==> flow/design.v <==
module dp_sel_unit_stage #(
    parameter WIDTH = 4
) (
    input  logic clk_i,
    input  logic [WIDTH-1:0] ch0,
    input  logic [WIDTH-1:0] ch1,
    input  logic [WIDTH-1:0] ch2,
    input  logic [WIDTH-1:0] ch3,
    input  logic [WIDTH-1:0] ch4,
    input  logic [2:0] choose,
    output logic [WIDTH-1:0] q
);
    logic [WIDTH-1:0] ch0_s;
    logic [WIDTH-1:0] ch1_s;
    logic [WIDTH-1:0] ch2_s;
    logic [WIDTH-1:0] ch3_s;
    logic [WIDTH-1:0] ch4_s;
    logic [2:0] choose_s;
    always_ff @(posedge clk_i) begin
        ch0_s <= ch0;
        ch1_s <= ch1;
        ch2_s <= ch2;
        ch3_s <= ch3;
        ch4_s <= ch4;
        choose_s <= choose;
    end
    logic [WIDTH-1:0] work;
    assign work =
        (choose_s == 3'd0) ? ch0_s :
        (choose_s == 3'd1) ? ch1_s :
        (choose_s == 3'd2) ? ch2_s :
        (choose_s == 3'd3) ? ch3_s :
        ch4_s;
    logic [WIDTH-1:0] q_s;
    always_ff @(posedge clk_i) begin
        q_s <= work;
    end
    assign q = q_s;
endmodule
Step by step through the tools: dp_sel_unit_stage --
Tool output for the design above, in the order of the flow. Lines are those of the file above, counted from 1. Cell names lack the library's common part. Not given: -
Design: top module dp_sel_unit_stage, clock port clk_i, standard-cell library sky130hd, timing corner tt_025C_1v80

Elaborated design --
Yosys after proc, flatten, opt, wreduce and memory -nomap, before mapping. Enables and synchronous resets that opt folds into registers are not counted as muxes. Memory bits, and registers merged into a memory's read port (data or address), are not among the register bits. Print and check cells are not counted. Equal cells are merged and count once.
Storage and ports: memories kept 0, word width x clocked read ports 0, bits in read-only memories 0, latch bits 0, bits in registers 27, memory bits (writable) 0
Operators by class: div/mod/pow operators 0, $mul 0, reduce/logical cells 1, equality and inequality tests 3, multiplexer cells 4, $lt $le $gt $ge 0, bitwise logic cells 0, shift-type cells 0, add/subtract/negate cells 0
Operator list (number):
- 4-bit two-way mux | 4
- 3-bit by 2-bit == test with 1-bit output with constant B | 2
- 3-bit by 1-bit == test with 1-bit output with constant B | 1
- 3-bit zero test | 1

Longest topological paths --
Depth = most cells in a row (Yosys ltp): at word level without a register or memory, in the mapped netlist without a sequential cell, where the memories' decode and read muxes count.
Logic depth: word-level depth 5, ABC_AREA 0, depth in mapped cells 4, gate-level depth less buffers 3

Netlist --
Yosys stat after the flow's synthesis: flattened, memories mapped to cells. It holds for the ABC_AREA given above (unset counts as 0); a run with the other value may have another netlist.
Mapped netlist: flip-flop cells 27, area of sequential cells 0.0005405 mm², cell area after synthesis 0.0007219 mm², standard cells after synthesis 47
Cells by type:
- dfxtp_1 | number 27, area in all 540.518 µm²
- mux2_4 | number 4, area in all 60.058 µm²
- mux2i_1 | number 4, area in all 40.038 µm²
- a21oi_1 | number 4, area in all 20.019 µm²
- o22ai_1 | number 3, area in all 18.768 µm²
- o22ai_2 | number 1, area in all 12.512 µm²
- buf_6 | number 1, area in all 11.261 µm²
- or2b_4 | number 1, area in all 11.261 µm²
- inv_1 | number 1, area in all 3.754 µm²
- nor2_1 | number 1, area in all 3.754 µm²

Path before layout --
Source: OpenSTA report_checks on the synthesized netlist (no wires, ideal clock, input and output delay 20% of the period each), path of least setup slack; recovery checks are left aside. Register names are those of the netlist, which keeps one name where synthesis merged equal registers.
Timing path after synthesis: kind flip-flop to flip-flop, start point reg (no name shown), end point reg q_s[2], stages 5, path delay 1.009 ns, required time 1.134 ns, path buffers 1, path slack 0.250 ns, period 1.26 ns, launch time at the first pin 0.000 ns, data arrival time 0.883 ns, synthesis period reached 1.01 ns
"path delay" is the arrival time less input delay plus setup time. "stages" counts driving pins, that of a launching flip-flop among them; a cell with two outputs on the path counts twice. "synthesis period reached" = period - worst setup slack (recovery checks aside). The figure is calculated, with input and output delays left at 20% of the set period. The rows between start and end are the longest chain of elaborated cells between them; the timing report does not say that the signal goes this way. Where chains are equally long, one stands for them. A line is the first line of the expression or statement that the cell stems from. Yosys adds cells for indexed reads and writes and turns some case tables into memories.
On the way, after synthesis: cell sequence dfxtp_1 -> buf_6 -> mux2_4 -> o22ai_2 -> a21oi_1, length of the longest elaborated chain 5, elaborated cells between the ends (all ways) 8
RTL lines, path after synthesis:
- from (decl) | line 18
- from (assign) | line 25
- 3-bit by 2-bit == test with 1-bit output | line 32
- 4-bit two-way mux | line 32
- 4-bit two-way mux | line 31
- 4-bit two-way mux | line 30
- 4-bit two-way mux | line 29
- to (assign) | line 36 | q_s <= work;
- to (decl) | line 34 | logic [WIDTH-1:0] q_s;

Worst path after layout --
From the final timing report of flow run 2: the path of least setup slack in the routed layout; clock arrival at registers is part of the times.
Timing path after layout: kind flip-flop to output port, start point reg q_s[1], end point out q[1], path slack 0.10 ns, stages 2, launch time at the first pin 0.31 ns, external output delay 0.25 ns, data arrival time 0.91 ns, required time 1.01 ns, path buffers 1, period 1.26 ns
On the way, after layout: cell sequence dfxtp_1 -> dlygate4sd2_1, length of the longest elaborated chain 0, elaborated cells between the ends (all ways) 0
RTL lines, path after layout:
- from (decl) | line 34 | logic [WIDTH-1:0] q_s;
- from (assign) | line 36 | q_s <= work;
- to (decl) | line 11 | output logic [WIDTH-1:0] q

# Flow runs of dp_sel_unit_stage

Below are 3 stored runs of the flow (Yosys, OpenROAD; platform sky130hd) on dp_sel_unit_stage, each with its settings and what was measured, unordered. Constraints: input delay and output delay 20% of the set period each, output load 0.01 pF.
"clock period reached": clock period set for the run, less the worst setup slack. It is reckoned from that one timing run; input and output delays stay at 20% of the period that was set.
"time on the worst setup path" is the time allowed to the run's worst setup path (the clock period less input and output delay, where it has them) less its slack. Clock arrival times count: a late capture clock shortens it, a late launch clock lengthens it.
By "power consumption" is meant OpenSTA's value without simulated activity: inputs other than the clock are taken to toggle once in ten clock periods, and the tool carries that through the logic.

* Flow run 1 | settings: period_ns 1.71; CORE_UTILIZATION 56; PLACE_DENSITY_LB_ADDON 0.02; CORE_ASPECT_RATIO 0.54; GPL_TIMING_DRIVEN 1; CTS_CLUSTER_SIZE 100; CTS_CLUSTER_DIAMETER 308; CAP_MARGIN 30; SLEW_MARGIN 35; MIN_ROUTING_LAYER met1; MAX_ROUTING_LAYER met4; CORE_MARGIN 2 | incomplete, floorplanning halted on PDN-0185
* Flow run 2 | settings: period_ns 1.26; CAP_MARGIN 20; CORE_MARGIN 2; CORE_UTILIZATION 40; SLEW_MARGIN 20 | results: synthesized cell area 0.0007219 mm²; die footprint 0.0021609 mm²; area of the standard cells in the finished layout 0.001041 mm²; post-layout utilization 61.0 %; setup slack of the critical path 0.100 ns; final setup TNS 0.000 ns; worst hold slack in the final report 0.363 ns; power consumption 1.413 mW; clock period reached 1.160 ns; time on the worst setup path 0.91 ns; critical path kind flip-flop to output port
* Flow run 3 | settings: period_ns 0.96; CORE_UTILIZATION 49; PLACE_DENSITY_LB_ADDON 0.24; CORE_MARGIN 7; ABC_AREA 0; CTS_CLUSTER_DIAMETER 151; CAP_MARGIN 0; SLEW_MARGIN 0; MIN_ROUTING_LAYER met1; MAX_ROUTING_LAYER met4 | results: synthesized cell area 0.0007219 mm²; die footprint 0.0027442 mm²; area of the standard cells in the finished layout 0.0010548 mm²; post-layout utilization 79.1 %; setup slack of the critical path -0.040 ns; final setup TNS -0.150 ns; worst hold slack in the final report 0.286 ns; power consumption 1.892 mW; clock period reached 1.000 ns; time on the worst setup path 1.00 ns; critical path kind flip-flop to flip-flop
